==> flow/design.v <==
module u_registers_top #(
    parameter DEPTH = 4,
    parameter DW = 40,
    parameter AW = $clog2(DEPTH),
    parameter SLICES = DW / 8
) (
    input wire clk,
    input wire clk_en,
    input wire [SLICES-1:0] in_mask,
    input wire [AW-1:0] in_wr_addr,
    input wire [DW-1:0] in_d,
    input wire [AW-1:0] in_raddr,
    output reg [DW-1:0] out_rdata
);
    reg [SLICES-1:0] mask_s;
    reg [AW-1:0] wr_addr_s;
    reg [DW-1:0] d_s;
    reg [DW-1:0] gpr [0:DEPTH-1];
    integer n;
    always @(posedge clk) begin
        for (n = 0; n < SLICES; n = n + 1)
            if (clk_en && mask_s[n]) gpr[wr_addr_s][8*n +: 8] <= d_s[8*n +: 8];
    end
    reg [AW-1:0] raddr_s;
    always @(posedge clk) begin
        if (clk_en) begin
            mask_s <= in_mask;
            wr_addr_s <= in_wr_addr;
            d_s <= in_d;
            raddr_s <= in_raddr;
            out_rdata <= gpr[raddr_s];
        end
    end
endmodule
# Tool chain data of u_registers_top
# A sweep over "DEPTH": the same steps for each member of the family.
# The RTL above is that of DEPTH=4; lines are counted from 1 in the file of the member named.
# Operators: Yosys type, input widths -> output width; for muxes data width and select width s.
# Not given: -
[inputs] top="u_registers_top" clock="clk" lib="sky130hd" corner="tt_025C_1v80"

# Members of the sweep
# Lines of each other member's file that are new or changed against the file above; lines that a member lacks are not shown.
[changed_lines] DEPTH=6 line_no=2 rtl="parameter DEPTH = 6,"
[changed_lines] DEPTH=10 line_no=2 rtl="parameter DEPTH = 10,"
[changed_lines] DEPTH=12 line_no=2 rtl="parameter DEPTH = 12,"
[changed_lines] DEPTH=24 line_no=2 rtl="parameter DEPTH = 24,"
[changed_lines] DEPTH=32 line_no=2 rtl="parameter DEPTH = 32,"
[changed_lines] DEPTH=40 line_no=2 rtl="parameter DEPTH = 40,"
[changed_lines] DEPTH=48 line_no=2 rtl="parameter DEPTH = 48,"

# Word level
# Yosys after proc, flatten, opt, wreduce and memory -nomap, before mapping. Memory bits, and registers merged into a memory's read port (data or address), are not among the register bits. Print and check cells are not counted. Equal cells are merged and count once.
# Memory sizes are those after Yosys's memory passes, which may raise the word count (mostly to a power of two), join words into wider ones and drop unused or constant bits.
[op_classes] DEPTH=4 reduce_and_logical=5 muxes=10
[op_classes] DEPTH=6 reduce_and_logical=5 muxes=10
[op_classes] DEPTH=10 reduce_and_logical=5 muxes=10
[op_classes] DEPTH=12 reduce_and_logical=5 muxes=10
[op_classes] DEPTH=24 reduce_and_logical=5 muxes=10
[op_classes] DEPTH=32 reduce_and_logical=5 muxes=10
[op_classes] DEPTH=40 reduce_and_logical=5 muxes=10
[op_classes] DEPTH=48 reduce_and_logical=5 muxes=10
[ops] DEPTH=4 operators="$mux 40 (5); $logic_and 1x1->1 (5); $mux 1 (5)"
[ops] DEPTH=6 operators="$mux 40 (5); $logic_and 1x1->1 (5); $mux 1 (5)"
[ops] DEPTH=10 operators="$mux 40 (5); $logic_and 1x1->1 (5); $mux 1 (5)"
[ops] DEPTH=12 operators="$mux 40 (5); $logic_and 1x1->1 (5); $mux 1 (5)"
[ops] DEPTH=24 operators="$mux 40 (5); $logic_and 1x1->1 (5); $mux 1 (5)"
[ops] DEPTH=32 operators="$mux 40 (5); $logic_and 1x1->1 (5); $mux 1 (5)"
[ops] DEPTH=40 operators="$mux 40 (5); $logic_and 1x1->1 (5); $mux 1 (5)"
[ops] DEPTH=48 operators="$mux 40 (5); $logic_and 1x1->1 (5); $mux 1 (5)"
[word_totals] DEPTH=4 clocked_rd_ports_x_width=40 elab_cells=20 in_bits=51 regBits=49 n_memories=1 ram_bits=160
[word_totals] DEPTH=6 clocked_rd_ports_x_width=40 elab_cells=20 in_bits=53 regBits=51 n_memories=1 ram_bits=240
[word_totals] DEPTH=10 clocked_rd_ports_x_width=40 elab_cells=20 in_bits=55 regBits=53 n_memories=1 ram_bits=400
[word_totals] DEPTH=12 clocked_rd_ports_x_width=40 elab_cells=20 in_bits=55 regBits=53 n_memories=1 ram_bits=480
[word_totals] DEPTH=24 clocked_rd_ports_x_width=40 elab_cells=20 in_bits=57 regBits=55 n_memories=1 ram_bits=960
[word_totals] DEPTH=32 clocked_rd_ports_x_width=40 elab_cells=20 in_bits=57 regBits=55 n_memories=1 ram_bits=1280
[word_totals] DEPTH=40 clocked_rd_ports_x_width=40 elab_cells=20 in_bits=59 regBits=57 n_memories=1 ram_bits=1600
[word_totals] DEPTH=48 clocked_rd_ports_x_width=40 elab_cells=20 in_bits=59 regBits=57 n_memories=1 ram_bits=1920
[memory_table] DEPTH=4 mem_shapes="gpr 4 x 40 bit 1R1W"
[memory_table] DEPTH=6 mem_shapes="gpr 6 x 40 bit 1R1W"
[memory_table] DEPTH=10 mem_shapes="gpr 10 x 40 bit 1R1W"
[memory_table] DEPTH=12 mem_shapes="gpr 12 x 40 bit 1R1W"
[memory_table] DEPTH=24 mem_shapes="gpr 24 x 40 bit 1R1W"
[memory_table] DEPTH=32 mem_shapes="gpr 32 x 40 bit 1R1W"
[memory_table] DEPTH=40 mem_shapes="gpr 40 x 40 bit 1R1W"
[memory_table] DEPTH=48 mem_shapes="gpr 48 x 40 bit 1R1W"

# Depth
# Longest topological path by Yosys (ltp), each cell counted once; first at word level (registers and memories cut), then after technology mapping (sequential cells cut; the memories' decode and read muxes count).
[depth] DEPTH=4 word_depth=2 abc_area=0 depth_mapped=3 mapped_depth_nobuf=1
[depth] DEPTH=6 word_depth=2 abc_area=0 depth_mapped=6 mapped_depth_nobuf=3
[depth] DEPTH=10 word_depth=2 abc_area=0 depth_mapped=5 mapped_depth_nobuf=3
[depth] DEPTH=12 word_depth=2 abc_area=0 depth_mapped=6 mapped_depth_nobuf=3
[depth] DEPTH=24 word_depth=2 abc_area=0 depth_mapped=8 mapped_depth_nobuf=4
[depth] DEPTH=32 word_depth=2 abc_area=0 depth_mapped=8 mapped_depth_nobuf=5
[depth] DEPTH=40 word_depth=2 abc_area=0 depth_mapped=8 mapped_depth_nobuf=5
[depth] DEPTH=48 word_depth=2 abc_area=0 depth_mapped=9 mapped_depth_nobuf=5

# Synthesis result
# Source: synth_stat.txt of the flow (Yosys; design flattened, memories mapped). It holds for the ABC_AREA given above (unset counts as 0); a run with the other value may have another netlist.
# The area totals of this step are shown rounded.
[types] DEPTH=4 type_list="sky130_fd_sc_hd__edfxtp_1 (249); sky130_fd_sc_hd__mux4_2 (40); sky130_fd_sc_hd__and4b_1 (10); sky130_fd_sc_hd__buf_12 (4); sky130_fd_sc_hd__nor4bb_1 (5); sky130_fd_sc_hd__and4_1 (5); sky130_fd_sc_hd__clkbuf_1 (6); sky130_fd_sc_hd__buf_2 (4); sky130_fd_sc_hd__buf_6 (1)"
[types] DEPTH=6 type_list="sky130_fd_sc_hd__edfxtp_1 (331); sky130_fd_sc_hd__mux2i_1 (120); sky130_fd_sc_hd__a22o_1 (40); sky130_fd_sc_hd__a21oi_1 (30); sky130_fd_sc_hd__nor2_1 (32); sky130_fd_sc_hd__a21oi_2 (10); sky130_fd_sc_hd__buf_4 (6); sky130_fd_sc_hd__buf_6 (4); sky130_fd_sc_hd__clkbuf_1 (12); sky130_fd_sc_hd__buf_12 (2); sky130_fd_sc_hd__buf_8 (2); sky130_fd_sc_hd__nand2_1 (6); sky130_fd_sc_hd__or3b_1 (2); sky130_fd_sc_hd__nand3b_1 (2); sky130_fd_sc_hd__nor2b_1 (1); sky130_fd_sc_hd__or3_1 (1); sky130_fd_sc_hd__buf_2 (1)"
[types] DEPTH=10 type_list="sky130_fd_sc_hd__edfxtp_1 (493); sky130_fd_sc_hd__mux2_2 (120); sky130_fd_sc_hd__mux2i_1 (80); sky130_fd_sc_hd__o31ai_2 (33); sky130_fd_sc_hd__a22o_1 (40); sky130_fd_sc_hd__o22ai_1 (40); sky130_fd_sc_hd__nand2_1 (54); sky130_fd_sc_hd__nor2_1 (53); sky130_fd_sc_hd__buf_6 (9); sky130_fd_sc_hd__clkbuf_1 (25); sky130_fd_sc_hd__buf_8 (4); sky130_fd_sc_hd__o31ai_1 (7); sky130_fd_sc_hd__buf_4 (5); sky130_fd_sc_hd__nor2b_1 (5); sky130_fd_sc_hd__buf_2 (4); sky130_fd_sc_hd__nand3_1 (2); sky130_fd_sc_hd__nand2b_1 (1); sky130_fd_sc_hd__buf_1 (1)"
[types] DEPTH=12 type_list="sky130_fd_sc_hd__edfxtp_1 (573); sky130_fd_sc_hd__mux4_2 (80); sky130_fd_sc_hd__mux2i_1 (80); sky130_fd_sc_hd__o221ai_2 (20); sky130_fd_sc_hd__a22oi_2 (20); sky130_fd_sc_hd__nor2_1 (63); sky130_fd_sc_hd__o221ai_1 (20); sky130_fd_sc_hd__a22oi_1 (20); sky130_fd_sc_hd__clkbuf_1 (26); sky130_fd_sc_hd__buf_12 (3); sky130_fd_sc_hd__nand2_1 (15); sky130_fd_sc_hd__buf_2 (10); sky130_fd_sc_hd__buf_6 (3); sky130_fd_sc_hd__nor2b_1 (5); sky130_fd_sc_hd__buf_4 (3); sky130_fd_sc_hd__nand3_1 (3); sky130_fd_sc_hd__buf_1 (3); sky130_fd_sc_hd__nand2b_1 (1)"
[types] DEPTH=24 type_list="sky130_fd_sc_hd__edfxtp_1 (1055); sky130_fd_sc_hd__mux2i_1 (302); sky130_fd_sc_hd__mux4_2 (89); sky130_fd_sc_hd__a22oi_1 (102); sky130_fd_sc_hd__nand2_1 (149); sky130_fd_sc_hd__nor2_1 (123); sky130_fd_sc_hd__mux2_2 (40); sky130_fd_sc_hd__nand3_1 (71); sky130_fd_sc_hd__nand4_1 (40); sky130_fd_sc_hd__clkbuf_1 (60); sky130_fd_sc_hd__buf_2 (35); sky130_fd_sc_hd__buf_6 (8); sky130_fd_sc_hd__a221oi_1 (9); sky130_fd_sc_hd__o21ai_1 (9); sky130_fd_sc_hd__buf_1 (9); sky130_fd_sc_hd__nor2b_1 (5); sky130_fd_sc_hd__buf_4 (4); sky130_fd_sc_hd__nor3b_1 (3); [+7]"
[types] DEPTH=32 type_list="sky130_fd_sc_hd__edfxtp_1 (1375); sky130_fd_sc_hd__mux2i_1 (640); sky130_fd_sc_hd__a22oi_1 (120); sky130_fd_sc_hd__a22o_1 (80); sky130_fd_sc_hd__nor2_1 (162); sky130_fd_sc_hd__a21oi_1 (120); sky130_fd_sc_hd__nand3_1 (120); sky130_fd_sc_hd__nand2_1 (159); sky130_fd_sc_hd__buf_6 (30); sky130_fd_sc_hd__clkbuf_1 (67); sky130_fd_sc_hd__a31oi_1 (40); sky130_fd_sc_hd__nor3_1 (41); sky130_fd_sc_hd__buf_4 (23); sky130_fd_sc_hd__buf_2 (31); sky130_fd_sc_hd__buf_1 (23); sky130_fd_sc_hd__nor2b_1 (4); sky130_fd_sc_hd__clkbuf_4 (3); sky130_fd_sc_hd__nor3b_1 (3); [+9]"
[types] DEPTH=40 type_list="sky130_fd_sc_hd__edfxtp_1 (1697); sky130_fd_sc_hd__mux2i_1 (640); sky130_fd_sc_hd__mux4_2 (80); sky130_fd_sc_hd__a22oi_1 (160); sky130_fd_sc_hd__nor2_1 (201); sky130_fd_sc_hd__a22o_1 (80); sky130_fd_sc_hd__o41ai_2 (40); sky130_fd_sc_hd__a221oi_2 (33); sky130_fd_sc_hd__mux2_2 (40); sky130_fd_sc_hd__a221oi_1 (47); sky130_fd_sc_hd__a21oi_1 (80); sky130_fd_sc_hd__clkbuf_1 (103); sky130_fd_sc_hd__nand2_1 (87); sky130_fd_sc_hd__o22ai_1 (40); sky130_fd_sc_hd__buf_6 (22); sky130_fd_sc_hd__buf_2 (36); sky130_fd_sc_hd__buf_4 (24); sky130_fd_sc_hd__clkbuf_4 (9); [+37]"
[types] DEPTH=48 type_list="sky130_fd_sc_hd__edfxtp_1 (2017); sky130_fd_sc_hd__mux2i_1 (640); sky130_fd_sc_hd__mux4_2 (200); sky130_fd_sc_hd__a22oi_1 (160); sky130_fd_sc_hd__nor2_1 (243); sky130_fd_sc_hd__a221oi_1 (80); sky130_fd_sc_hd__a22o_1 (80); sky130_fd_sc_hd__o41ai_2 (40); sky130_fd_sc_hd__clkbuf_1 (132); sky130_fd_sc_hd__buf_6 (40); sky130_fd_sc_hd__a21oi_1 (80); sky130_fd_sc_hd__nand2_1 (96); sky130_fd_sc_hd__buf_4 (41); sky130_fd_sc_hd__o22ai_1 (40); sky130_fd_sc_hd__buf_2 (14); sky130_fd_sc_hd__buf_1 (15); sky130_fd_sc_hd__nor3b_1 (6); sky130_fd_sc_hd__and3b_1 (3); [+10]"
# The mark [+n] counts cells that are not listed.
[synth_totals] DEPTH=4 seqArea_um2=7480 cells=324 ff_cells=249 yosys_area_um2=8710 buffers=15
[synth_totals] DEPTH=6 seqArea_um2=9940 cells=602 ff_cells=331 yosys_area_um2=12100 buffers=27
[synth_totals] DEPTH=10 seqArea_um2=14800 cells=976 ff_cells=493 yosys_area_um2=18800 buffers=48
[synth_totals] DEPTH=12 seqArea_um2=17200 cells=948 ff_cells=573 yosys_area_um2=21300 buffers=48
[synth_totals] DEPTH=24 seqArea_um2=31700 cells=2120 ff_cells=1055 yosys_area_um2=40300 buffers=116
[synth_totals] DEPTH=32 seqArea_um2=41300 cells=3050 ff_cells=1375 yosys_area_um2=53300 buffers=177
[synth_totals] DEPTH=40 seqArea_um2=51000 cells=3456 ff_cells=1697 yosys_area_um2=66100 buffers=212
[synth_totals] DEPTH=48 seqArea_um2=60600 cells=3937 ff_cells=2017 yosys_area_um2=78200 buffers=243

# Timing after synthesis
# OpenSTA on the mapped netlist: ideal clock, no wires. The path of least setup slack (recovery checks aside). Input and output delay are each 20% of the period. Register names are those of the netlist, which keeps one name where synthesis merged equal registers.
[synth_timing] DEPTH=4 path_kind="input-to-reg" startpoint="input port clk_en" endpoint="memory gpr[0][0]" path_slack_ns=0.383 clock_period_ns=2.39 delay_ns=1.529 path_stages=2 period_less_setup_slack_ns=2.007
[synth_timing] DEPTH=6 path_kind="reg-to-reg" startpoint="register wr_addr_s[0]" endpoint="memory gpr[2][32]" path_slack_ns=0.405 clock_period_ns=2.03 delay_ns=1.625 path_stages=3 period_less_setup_slack_ns=1.625
[synth_timing] DEPTH=10 path_kind="reg-to-reg" startpoint="register wr_addr_s[3]" endpoint="memory gpr[7][0]" path_slack_ns=0.382 clock_period_ns=1.92 delay_ns=1.538 path_stages=4 period_less_setup_slack_ns=1.538
[synth_timing] DEPTH=12 path_kind="reg-to-reg" startpoint="register raddr_s[0]" endpoint="register out_rdata[19]" path_slack_ns=0.436 clock_period_ns=2.18 delay_ns=1.743 path_stages=6 period_less_setup_slack_ns=1.744
[synth_timing] DEPTH=24 path_kind="reg-to-reg" startpoint="register raddr_s[0]" endpoint="register out_rdata[30]" path_slack_ns=0.473 clock_period_ns=2.36 delay_ns=1.888 path_stages=8 period_less_setup_slack_ns=1.887
[synth_timing] DEPTH=32 path_kind="reg-to-reg" startpoint="register wr_addr_s[2]" endpoint="memory gpr[16][0]" path_slack_ns=0.439 clock_period_ns=2.18 delay_ns=1.741 path_stages=4 period_less_setup_slack_ns=1.741
[synth_timing] DEPTH=40 path_kind="reg-to-reg" startpoint="register raddr_s[0]" endpoint="register out_rdata[19]" path_slack_ns=0.511 clock_period_ns=2.55 delay_ns=2.040 path_stages=8 period_less_setup_slack_ns=2.039
[synth_timing] DEPTH=48 path_kind="reg-to-reg" startpoint="register raddr_s[1]" endpoint="register out_rdata[0]" path_slack_ns=0.560 clock_period_ns=2.78 delay_ns=2.221 path_stages=8 period_less_setup_slack_ns=2.22
# "delay_ns" = arrival - input delay + setup time.
# "path_stages" counts driving pins, that of a launching flip-flop among them; a cell with two outputs on the path counts twice.
# "period_less_setup_slack_ns" is the clock period less the worst setup slack; recovery checks do not enter. This is arithmetic on one report: input and output delays are still those of the set period (20% each).
[synth_lines_DEPTH_4] item="start: declaration" line_no=8 rtl="input wire clk_en,"
[synth_lines_DEPTH_4] item="end: declaration" line_no=18 rtl="reg [DW-1:0] gpr [0:DEPTH-1];"
# DEPTH=4: Chain of elaborated cells between the ends: none given.
[synth_lines_DEPTH_48] item="start: declaration" line_no=24 rtl="reg [AW-1:0] raddr_s;"
[synth_lines_DEPTH_48] item="start: assignment" line_no=30 rtl="raddr_s <= in_raddr;"
[synth_lines_DEPTH_48] item="end: declaration" line_no=13 rtl="output reg [DW-1:0] out_rdata"
# DEPTH=48: Chain of elaborated cells between the ends: none given.

# Timing after layout
# Path of least setup slack in the final report of the run of each member (OpenROAD, finished layout, wires in). Where an end is a register, its clock arrival counts in the times.
[layout_timing] DEPTH=4 path_kind="reg-to-output" startpoint="register out_rdata[28]" endpoint="output port out_rdata[28]" t_arrival_ns=1.47 n_path_buf=1 clock_period_ns=2.39 path_slack_ns=0.44 path_stages=2
[layout_timing] DEPTH=6 path_kind="reg-to-output" startpoint="register out_rdata[39]" endpoint="output port out_rdata[39]" t_arrival_ns=1.45 n_path_buf=1 clock_period_ns=2.03 path_slack_ns=0.18 path_stages=2
[layout_timing] DEPTH=10 path_kind="reg-to-output" startpoint="register out_rdata[10]" endpoint="output port out_rdata[10]" t_arrival_ns=1.49 n_path_buf=1 clock_period_ns=1.92 path_slack_ns=0.05 path_stages=2
[layout_timing] DEPTH=12 path_kind="reg-to-reg" startpoint="register raddr_s[0]" endpoint="register out_rdata[0]" t_arrival_ns=2.41 n_path_buf=2 clock_period_ns=2.18 path_slack_ns=0.09 path_stages=6
[layout_timing] DEPTH=24 path_kind="reg-to-reg" startpoint="register raddr_s[0]" endpoint="register out_rdata[30]" t_arrival_ns=2.66 n_path_buf=2 clock_period_ns=2.36 path_slack_ns=0.09 path_stages=7
[layout_timing] DEPTH=32 path_kind="reg-to-reg" startpoint="register wr_addr_s[2]" endpoint="memory gpr[19][31]" t_arrival_ns=2.65 n_path_buf=1 clock_period_ns=2.18 path_slack_ns=-0.03 path_stages=5
[layout_timing] DEPTH=40 path_kind="reg-to-reg" startpoint="register raddr_s[0]" endpoint="register out_rdata[22]" t_arrival_ns=3.17 n_path_buf=4 clock_period_ns=2.55 path_slack_ns=-0.02 path_stages=10
[layout_timing] DEPTH=48 path_kind="reg-to-reg" startpoint="register raddr_s[0]" endpoint="register out_rdata[4]" t_arrival_ns=3.38 n_path_buf=3 clock_period_ns=2.78 path_slack_ns=0.05 path_stages=9

# Flow runs
# Settings and results of one run of the flow (Yosys, OpenROAD) for each member follow. The constraints put input and output delay at 20% of the set period each and load the outputs with 0.01 pF.
[settings] CAP_MARGIN=20 CORE_MARGIN=2 CORE_UTILIZATION=40 SLEW_MARGIN=20
[settings_by_member] DEPTH=4 period_ns=2.39
[settings_by_member] DEPTH=6 period_ns=2.03
[settings_by_member] DEPTH=10 period_ns=1.92
[settings_by_member] DEPTH=12 period_ns=2.18
[settings_by_member] DEPTH=24 period_ns=2.36
[settings_by_member] DEPTH=32 period_ns=2.18
[settings_by_member] DEPTH=40 period_ns=2.55
[settings_by_member] DEPTH=48 period_ns=2.78
[results] DEPTH=4 fin_hold_ws_ns=0.374 final_cell_area_um2=10700 setup_ws_ns=0.439 synth_chip_area_um2=8710 timing.achieved_period_ns=1.951 final_die_area_um2=23000 final_setup_tns_ns=0.000
[results] DEPTH=6 fin_hold_ws_ns=0.252 final_cell_area_um2=14800 setup_ws_ns=0.178 synth_chip_area_um2=12100 timing.achieved_period_ns=1.852 final_die_area_um2=31700 final_setup_tns_ns=0.000
[results] DEPTH=10 fin_hold_ws_ns=0.208 final_cell_area_um2=22500 setup_ws_ns=0.048 synth_chip_area_um2=18800 timing.achieved_period_ns=1.872 final_die_area_um2=48700 final_setup_tns_ns=0.000
[results] DEPTH=12 fin_hold_ws_ns=0.233 final_cell_area_um2=25600 setup_ws_ns=0.091 synth_chip_area_um2=21300 timing.achieved_period_ns=2.089 final_die_area_um2=55100 final_setup_tns_ns=0.000
[results] DEPTH=24 fin_hold_ws_ns=0.169 final_cell_area_um2=47700 setup_ws_ns=0.093 synth_chip_area_um2=40300 timing.achieved_period_ns=2.267 final_die_area_um2=103000 final_setup_tns_ns=0.000
[results] DEPTH=32 fin_hold_ws_ns=0.063 final_cell_area_um2=64300 setup_ws_ns=-0.027 synth_chip_area_um2=53300 timing.achieved_period_ns=2.207 final_die_area_um2=136000 final_setup_tns_ns=-0.501
[results] DEPTH=40 fin_hold_ws_ns=0.149 final_cell_area_um2=78500 setup_ws_ns=-0.022 synth_chip_area_um2=66100 timing.achieved_period_ns=2.572 final_die_area_um2=169000 final_setup_tns_ns=-0.255
[results] DEPTH=48 fin_hold_ws_ns=0.167 final_cell_area_um2=91900 setup_ws_ns=0.048 synth_chip_area_um2=78200 timing.achieved_period_ns=2.732 final_die_area_um2=199000 final_setup_tns_ns=0.000
# "timing.achieved_period_ns" is the run's clock period less its worst setup slack. It is reckoned from that one timing run; input and output delays stay at 20% of the period that was set.
# The measured numbers are rounded.
